==> flow/design.v <==
module alu_relation #(
  parameter DWIDTH = 14
) (
  input  wire clk,
  input  wire i_rst_n,
  input  wire [DWIDTH-1:0] op_a_in,
  input  wire [DWIDTH-1:0] op_b_in,
  input  wire [DWIDTH-1:0] op_c_in,
  output reg [DWIDTH-1:0] result_out
);
  reg [DWIDTH-1:0] op_a_reg;
  reg [DWIDTH-1:0] op_b_reg;
  reg [DWIDTH-1:0] op_c_reg;
  always @(posedge clk or negedge i_rst_n) begin
    if (!i_rst_n) begin
      op_a_reg <= 0;
      op_b_reg <= 0;
      op_c_reg <= 0;
      result_out <= 0;
    end else begin
      op_a_reg <= op_a_in;
      op_b_reg <= op_b_in;
      op_c_reg <= op_c_in;
      result_out <= (op_a_reg < op_b_reg) ? op_b_reg : (op_a_reg > op_c_reg) ? op_c_reg : op_a_reg;
    end
  end
endmodule
### From RTL to reports: alu_relation

The steps from the RTL of alu_relation to its reports follow in flow order.
Lines are those of the file above, counted from 1.
Operators carry their Yosys type and port widths (W data, S select, Z words).
Library cell names are shortened.
The mark -- stands for no value.

| inputs | value |
|---|---|
| top module | alu_relation |
| clock port | clk |
| standard-cell library | sky130hd |
| timing corner | tt_025C_1v80 |

### Elaborated design

Counts by Yosys on the flattened word-level netlist (proc, flatten, opt, wreduce; memories kept). Register bits leave out memories and registers merged into their read ports (data or address); mux counts leave out enables and synchronous resets folded into registers. Print and check cells are left out. Cells with the same type and inputs are merged into one.

| operators by class | value |
|---|---|
| $lt $le $gt $ge | 2 |
| multiplexer cells | 2 |

Operator list:

| kind | number |
|---|---|
| $mux W14 | 2 |
| $gt A14 B14 Y1 | 1 |
| $lt A14 B14 Y1 | 1 |

| bit counts | value |
|---|---|
| bits in registers | 56 |
| bits of input ports | 44 |
| word-level cells | 8 |

### Depth

Longest topological path by Yosys (ltp), each cell counted once; first at word level (registers and memories cut), then after technology mapping (sequential cells cut; the memories' decode and read muxes count).

| logic depth | value |
|---|---|
| word-level depth | 3 |
| ABC_AREA | 0 |
| depth in mapped cells | 10 |
| depth with buffers taken out | 8 |

### Synthesis result

Source: synth_stat.txt of the flow (Yosys; design flattened, memories mapped). It holds for the ABC_AREA given above (unset counts as 0); a run with the other value may have another netlist.

Cells by type:

| cell | number | area in all (um2) |
|---|---|---|
| dfrtp_1 | 56 | 1.4E+03 |
| ha_1 | 27 | 337.824 |
| mux2i_1 | 26 | 260.25 |
| inv_1 | 28 | 105.101 |
| a21oi_1 | 10 | 50.048 |
| nand4_1 | 5 | 31.28 |
| mux2_4 | 2 | 30.029 |
| a21o_1 | 3 | 22.522 |
| nand2_1 | 5 | 18.768 |
| o31a_1 | 2 | 17.517 |
| nand3_1 | 3 | 15.014 |
| nand2b_1 | 2 | 12.512 |
| o31ai_2 | 1 | 12.512 |
| buf_6 | 1 | 11.261 |
| nor2_1 | 3 | 11.261 |
| o21ai_0 | 2 | 10.01 |
| a2111oi_0 | 1 | 8.758 |
| a21oi_2 | 1 | 8.758 |

Other cell types: 4; their cells: 4.

| synthesis totals | value |
|---|---|
| cell area after synthesis | 2391.0 um2 |
| sequential area | 1401.3 um2 |
| flip-flops | 56 |
| mapped cells | 182 |

### Path before layout

Path of least setup slack by OpenSTA after synthesis, without wires, with an ideal clock, recovery checks aside; 20% of the period is set as input and as output delay. Where synthesis merged equal registers, the netlist keeps one of their names.

| timing after synthesis | value |
|---|---|
| kind | reg-to-reg |
| start | register op_a_reg[4] |
| end | register result_out[0] |
| path buffers | 1 |
| path slack | 0.559 ns |
| arrival | 2.096 ns |
| delay of the path | 2.221 ns |
| library setup time | 0.125 ns |
| driving pins on the path | 9 |
| period | 2.78 ns |
| time at the first pin | 0.000 ns |
| synthesis period reached | 2.221 ns |

"delay of the path" = arrival - input delay + setup time.
"driving pins on the path": output pins that drive a net of the path, with the launching flip-flop's if there is one; two outputs of one cell count as two.
"synthesis period reached" is the clock period less the worst setup slack; recovery checks do not enter. This is arithmetic on one report: input and output delays are still those of the set period (20% each).
The rows between start and end are the longest chain of elaborated cells between them; the timing report does not say that the signal goes this way. Where chains are equally long, one stands for them.
Each line given opens the expression or statement behind the cell; cells for indexed reads and writes are added by Yosys, which also makes memories of some case tables.

| between the ends, after synthesis | value |
|---|---|
| path through | dfrtp_1 ha_1 a21oi_2 a21boi_1 o31a_1 o31a_1 buf_6 mux2_4 mux2_4 |
| cells in the longest elaborated chain | 3 |
| elaborated cells between the ends (all ways) | 4 |
| source lines of those cells | 1 |
| classes of those cells | 2 x compare; 2 x mux |

Ends and longest elaborated chain, after synthesis:

| item | RTL line | text |
|---|---|---|
| start, declared | 11 | `reg [DWIDTH-1:0] op_a_reg;` |
| start, assigned | 16 | `op_a_reg <= 0;` |
| start, assigned | 21 | `op_a_reg <= op_a_in;` |
| $gt A14 B14 Y1 | 24 | `result_out <= (op_a_reg < op_b_reg) ? op_b_reg : (op_a_reg > op_c_reg) ? op_c_reg : op_a_reg;` |
| $mux W14 (2 in a row) | 24 |  |
| end, assigned | 19 | `result_out <= 0;` |
| end, assigned | 24 |  |
| end, declared | 9 | `output reg [DWIDTH-1:0] result_out` |

### Worst path after layout

Path of least setup slack in the final report of flow run A (OpenROAD, finished layout, wires in). Where an end is a register, its clock arrival counts in the times.

| timing after layout | value |
|---|---|
| kind | reg-to-reg |
| start | register op_a_reg[13] |
| end | register result_out[9] |
| path slack | -0.61 ns |
| library setup time | 0.12 ns |
| period | 1.78 ns |
| path buffers | 2 |
| driving pins on the path | 9 |
| arrival | 2.59 ns |
| time at the first pin | 0.32 ns |

The rows between start and end are the longest chain of elaborated cells between them; the timing report does not say that the signal goes this way. Where chains are equally long, one stands for them.

| between the ends, after layout | value |
|---|---|
| path through | dfrtp_1 ha_4 nand4_1 a21oi_1 o31a_1 buf_4 clkbuf_16 mux2i_1 mux2i_1 |
| cells in the longest elaborated chain | 3 |
| elaborated cells between the ends (all ways) | 4 |
| source lines of those cells | 1 |
| classes of those cells | 2 x compare; 2 x mux |

Ends and longest elaborated chain, after layout:

| item | RTL line | text |
|---|---|---|
| start, declared | 11 | `reg [DWIDTH-1:0] op_a_reg;` |
| start, assigned | 16 | `op_a_reg <= 0;` |
| start, assigned | 21 | `op_a_reg <= op_a_in;` |
| $gt A14 B14 Y1 | 24 | `result_out <= (op_a_reg < op_b_reg) ? op_b_reg : (op_a_reg > op_c_reg) ? op_c_reg : op_a_reg;` |
| $mux W14 (2 in a row) | 24 |  |
| end, assigned | 19 | `result_out <= 0;` |
| end, assigned | 24 |  |
| end, declared | 9 | `output reg [DWIDTH-1:0] result_out` |

alu_relation through Yosys and OpenROAD on sky130hd: 3 stored runs, unordered, with their settings and measured results. The constraints put input and output delay at 20% of the set period each and load the outputs with 0.01 pF.
"period reached": clock period set for the run, less the worst setup slack. It is reckoned from that one timing run; input and output delays stay at 20% of the period that was set.
"allowed time less slack (worst setup path)" is the time allowed to the run's worst setup path (the clock period less input and output delay, where it has them) less its slack. Clock arrival times count: a late capture clock shortens it, a late launch clock lengthens it.
By "total design power" is meant OpenSTA's value without simulated activity: inputs other than the clock are taken to toggle once in ten clock periods, and the tool carries that through the logic.

#### Flow run A

| setting | value |
|---|---|
| period_ns | `1.78` |
| CORE_UTILIZATION | `63` |
| SETUP_SLACK_MARGIN | `-0.05` |
| CELL_PAD_IN_SITES_DETAIL_PLACEMENT | `0` |
| CTS_CLUSTER_SIZE | `25` |
| SLEW_MARGIN | `40` |
| CAP_MARGIN | `20` |
| CORE_MARGIN | `2` |

| result | value |
|---|---|
| setup slack of the worst path | -0.613 ns |
| total design power | 2917 µW |
| period reached | 2.393 ns |
| area of the standard cells in the finished layout | 3470.8 um2 |
| cell area after synthesis | 2391.0 um2 |
| utilization after layout | 0.948 |
| allowed time less slack (worst setup path) | 2.39 ns |
| worst path kind | reg-to-reg |
| summed negative setup slack | -7.896 ns |
| area inside the die boundary | 4304.0 um2 |

#### Flow run B

| setting | value |
|---|---|
| period_ns | `3.59` |
| CORE_UTILIZATION | `57` |
| SETUP_SLACK_MARGIN | `-0.27` |
| PLACE_DENSITY_LB_ADDON | `0.04` |
| HOLD_SLACK_MARGIN | `-0.04` |
| CORE_ASPECT_RATIO | `1.11` |
| CORE_MARGIN | `8` |
| CELL_PAD_IN_SITES_DETAIL_PLACEMENT | `1` |
| GPL_ROUTABILITY_DRIVEN | `0` |
| CTS_CLUSTER_SIZE | `36` |
| SLEW_MARGIN | `35` |
| MAX_ROUTING_LAYER | `met4` |
| CAP_MARGIN | `20` |

| result | value |
|---|---|
| setup slack of the worst path | 0.778 ns |
| total design power | 1377 µW |
| period reached | 2.812 ns |
| area of the standard cells in the finished layout | 3116.7 um2 |
| cell area after synthesis | 2391.0 um2 |
| utilization after layout | 0.749 |
| allowed time less slack (worst setup path) | 2.81 ns |
| worst path kind | reg-to-reg |
| summed negative setup slack | 0.000 ns |
| area inside the die boundary | 6526.1 um2 |

#### Flow run C

| setting | value |
|---|---|
| period_ns | `2.78` |
| CAP_MARGIN | `20` |
| CORE_MARGIN | `2` |
| CORE_UTILIZATION | `40` |
| SLEW_MARGIN | `20` |

| result | value |
|---|---|
| setup slack of the worst path | 0.291 ns |
| total design power | 1739 µW |
| period reached | 2.489 ns |
| area of the standard cells in the finished layout | 3173.0 um2 |
| cell area after synthesis | 2391.0 um2 |
| utilization after layout | 0.542 |
| allowed time less slack (worst setup path) | 2.49 ns |
| worst path kind | reg-to-reg |
| summed negative setup slack | 0.000 ns |
| area inside the die boundary | 6612.1 um2 |
